==> flow/design.v <==
module gen_sub_unit_mod #(
    parameter int DATA_WIDTH = 40
) (
    input  logic CLK,
    input  logic [DATA_WIDTH-1:0] i_x,
    input  logic [DATA_WIDTH-1:0] i_y,
    output logic [DATA_WIDTH-1:0] o_diff
);
    logic [DATA_WIDTH-1:0] x_d1;
    logic [DATA_WIDTH-1:0] y_d1;
    logic [DATA_WIDTH:0] t_d1;
    always_ff @(posedge CLK) begin
        x_d1 <= i_x;
        y_d1 <= i_y;
        t_d1 <= x_d1 - y_d1;
        o_diff <= t_d1[DATA_WIDTH] ? {DATA_WIDTH{1'b0}} : t_d1[DATA_WIDTH-1:0];
    end
endmodule
# From RTL to reports: gen_sub_unit_mod
# Tool output for the design above, in the order of the flow.
# Lines are those of the file above, counted from 1.
# Cell names lack the library's common part.
# Not given: --
# design
top	gen_sub_unit_mod
clock	CLK
lib	sky130hd
corner	tt_025C_1v80

# After elaboration
# Yosys after proc, flatten, opt, wreduce and memory -nomap, before mapping. Enables and synchronous resets that opt folds into registers are not counted as muxes. Memory bits, and registers merged into a memory's read port (data or address), are not among the register bits. Print and check cells are not counted. Equal cells are merged and count once.
# op_classes
reduce_and_logical	0
n_addsub	1
eq_ne	0
n_mul	0
n_logic	0
shifts	0
n_cmp	0
n_div	0
mux	0
# op_table
operator	n
40-bit by 40-bit subtractor with 41-bit output	1
# word_totals
ramBits	0
memories	0
romBits	0
inputBits	81
elab_cells	5
regBits	161
out_inout_bits	40
latchBits	0
clocked_rd_ports_x_width	0

# Longest topological paths
# Longest topological path by Yosys (ltp), each cell counted once; first at word level (registers and memories cut), then after technology mapping (sequential cells cut; the memories' decode and read muxes count).
# depth
word_depth	1
abc_area	0
ltp_mapped	11
ltp_nobuf	11

# Synthesis result
# The flow's flattened synthesis, as Yosys stat reports it; memories are mapped. The netlist is that of the ABC_AREA named above (0 if unset); the other value can give another one.
# synth_totals
seqArea_mm2	0.0032231
buffers	10
ffs	161
mapped_area_mm2	0.0057893
mapped_cells	555
# types
cell_type	n	area_total_um2
dfxtp_1	161	3.22E+03
ha_1	40	500.48
nor2b_1	42	262.752
xnor2_1	29	253.994
a21oi_1	43	215.206
inv_1	57	213.955
nand2_1	30	112.608
o21ai_0	20	100.096
a21o_1	11	82.579
nor2_1	21	78.826
xor2_1	8	70.067
nand3_1	12	60.058
clkbuf_1	10	37.536
o211ai_1	5	37.536
o21bai_1	5	37.536
a21oi_2	4	35.034
nand4_1	5	31.28
a221oi_2	2	30.029
# Other cell types: 29; their cells: 50.

# Path before layout
# OpenSTA on the mapped netlist: ideal clock, no wires. The path of least setup slack (recovery checks aside). Input and output delay are each 20% of the period. Register names are those of the netlist, which keeps one name where synthesis merged equal registers.
# synth_path
path_kind	register -> register
from	register x_d1[0]
to	register t_d1[40]
period_ns	3.01
t_first_pin_ns	0.000
delay_ns	2.405
setup_time_ns	0.116
path_buffers	0
required_ns	2.894
path_stages	12
t_arrival_ns	2.289
setup_slack_ns	0.605
synth_period_reached_ns	2.405
# "delay_ns" = arrival - input delay + setup time.
# "path_stages": output pins that drive a net of the path, with the launching flip-flop's if there is one; two outputs of one cell count as two.
# "synth_period_reached_ns" is the clock period less the worst setup slack; recovery checks do not enter. This is arithmetic on one report: input and output delays are still those of the set period (20% each).
# Between the ends stands the longest chain of elaborated cells between them, by number of cells; it is not shown to be the way that was timed. Of several equally long chains one is given.
# A line is the first line of the expression or statement that the cell stems from. Yosys adds cells for indexed reads and writes and turns some case tables into memories.
# synth_via
cell_sequence	dfxtp_1 inv_1 ha_1 fa_1 nand2b_1 a21oi_1 o211ai_1 a21oi_2 o211ai_1 a211oi_2 o21ai_0 a31o_2
elab_chain_len	1
cone_cells	1
lines_between	1
cone_classes	add/sub (1)
# synth_rtl
element	line_no	text
start, declared	9	logic [DATA_WIDTH-1:0] x_d1;
start, assigned	13	x_d1 <= i_x;
40-bit by 40-bit subtractor with 41-bit output	15	t_d1 <= x_d1 - y_d1;
end, assigned	15
end, declared	11	logic [DATA_WIDTH:0] t_d1;

# Path in the finished layout
# Path of least setup slack in the final report of entry A (OpenROAD, finished layout, wires in). Where an end is a register, its clock arrival counts in the times.
# layout_path
path_kind	register -> register
from	register x_d1[0]
to	register t_d1[40]
path_stages	12
setup_time_ns	0.11
t_arrival_ns	3.07
required_ns	3.32
path_buffers	0
setup_slack_ns	0.26
period_ns	3.01
t_first_pin_ns	0.42
# Between the ends stands the longest chain of elaborated cells between them, by number of cells; it is not shown to be the way that was timed. Of several equally long chains one is given.
# layout_via
cell_sequence	dfxtp_1 inv_1 ha_1 fa_1 nand2b_1 a21oi_2 o211ai_1 a21oi_2 o211ai_1 a211oi_2 o21ai_1 a31o_2
elab_chain_len	1
cone_cells	1
lines_between	1
cone_classes	add/sub (1)
# layout_rtl
element	line_no	text
start, declared	9	logic [DATA_WIDTH-1:0] x_d1;
start, assigned	13	x_d1 <= i_x;
40-bit by 40-bit subtractor with 41-bit output	15	t_d1 <= x_d1 - y_d1;
end, assigned	15
end, declared	11	logic [DATA_WIDTH:0] t_d1;

# Measured data: module gen_sub_unit_mod, platform sky130hd, 2 stored runs of the flow under differing settings, order arbitrary. Input and output delays are each 20% of the period that was set; the output load is 0.01 pF.
# "achieved_period_ns" = clock period - worst setup slack. The figure is calculated, with input and output delays left at 20% of the set period.
# By "worst_path_allowed_less_slack_ns" is meant the share of the clock period that the worst setup path is allowed (20% is reserved at inputs, 20% at outputs), minus its slack. Clock arrival times at its registers enter into it.
# "design_power_uw": no workload was simulated; the value follows from the tool's default switching activity.
# A setting shown as -- is not set for that run.
# A result given as -- is not shown for that run.
stored run	period_ns	CAP_MARGIN	CORE_MARGIN	CORE_UTILIZATION	SLEW_MARGIN	SETUP_SLACK_MARGIN	PLACE_DENSITY	CELL_PAD_IN_SITES_GLOBAL_PLACEMENT	TNS_END_PERCENT	CTS_CLUSTER_SIZE	MAX_ROUTING_LAYER	setupTns_ns	achieved_period_ns	final_stdcell_area_mm2	total_die_area_mm2	design_power_uw	worst_path_allowed_less_slack_ns	critical_path_kind	post_synth_area_mm2	timing.setup.ws_ns
entry A	3.01	20	2	40	20	--	--	--	--	--	--	0.000	2.752	0.0077399	0.0154517	5338	2.75	register -> register	0.0057893	0.258
entry B	2.28	20	2	65	20	-0.11	0.67	0	70	20	met4	--	--	--	--	--	--	--	--	--
# Entry B: stopped before the end: routing reported GRT-0232
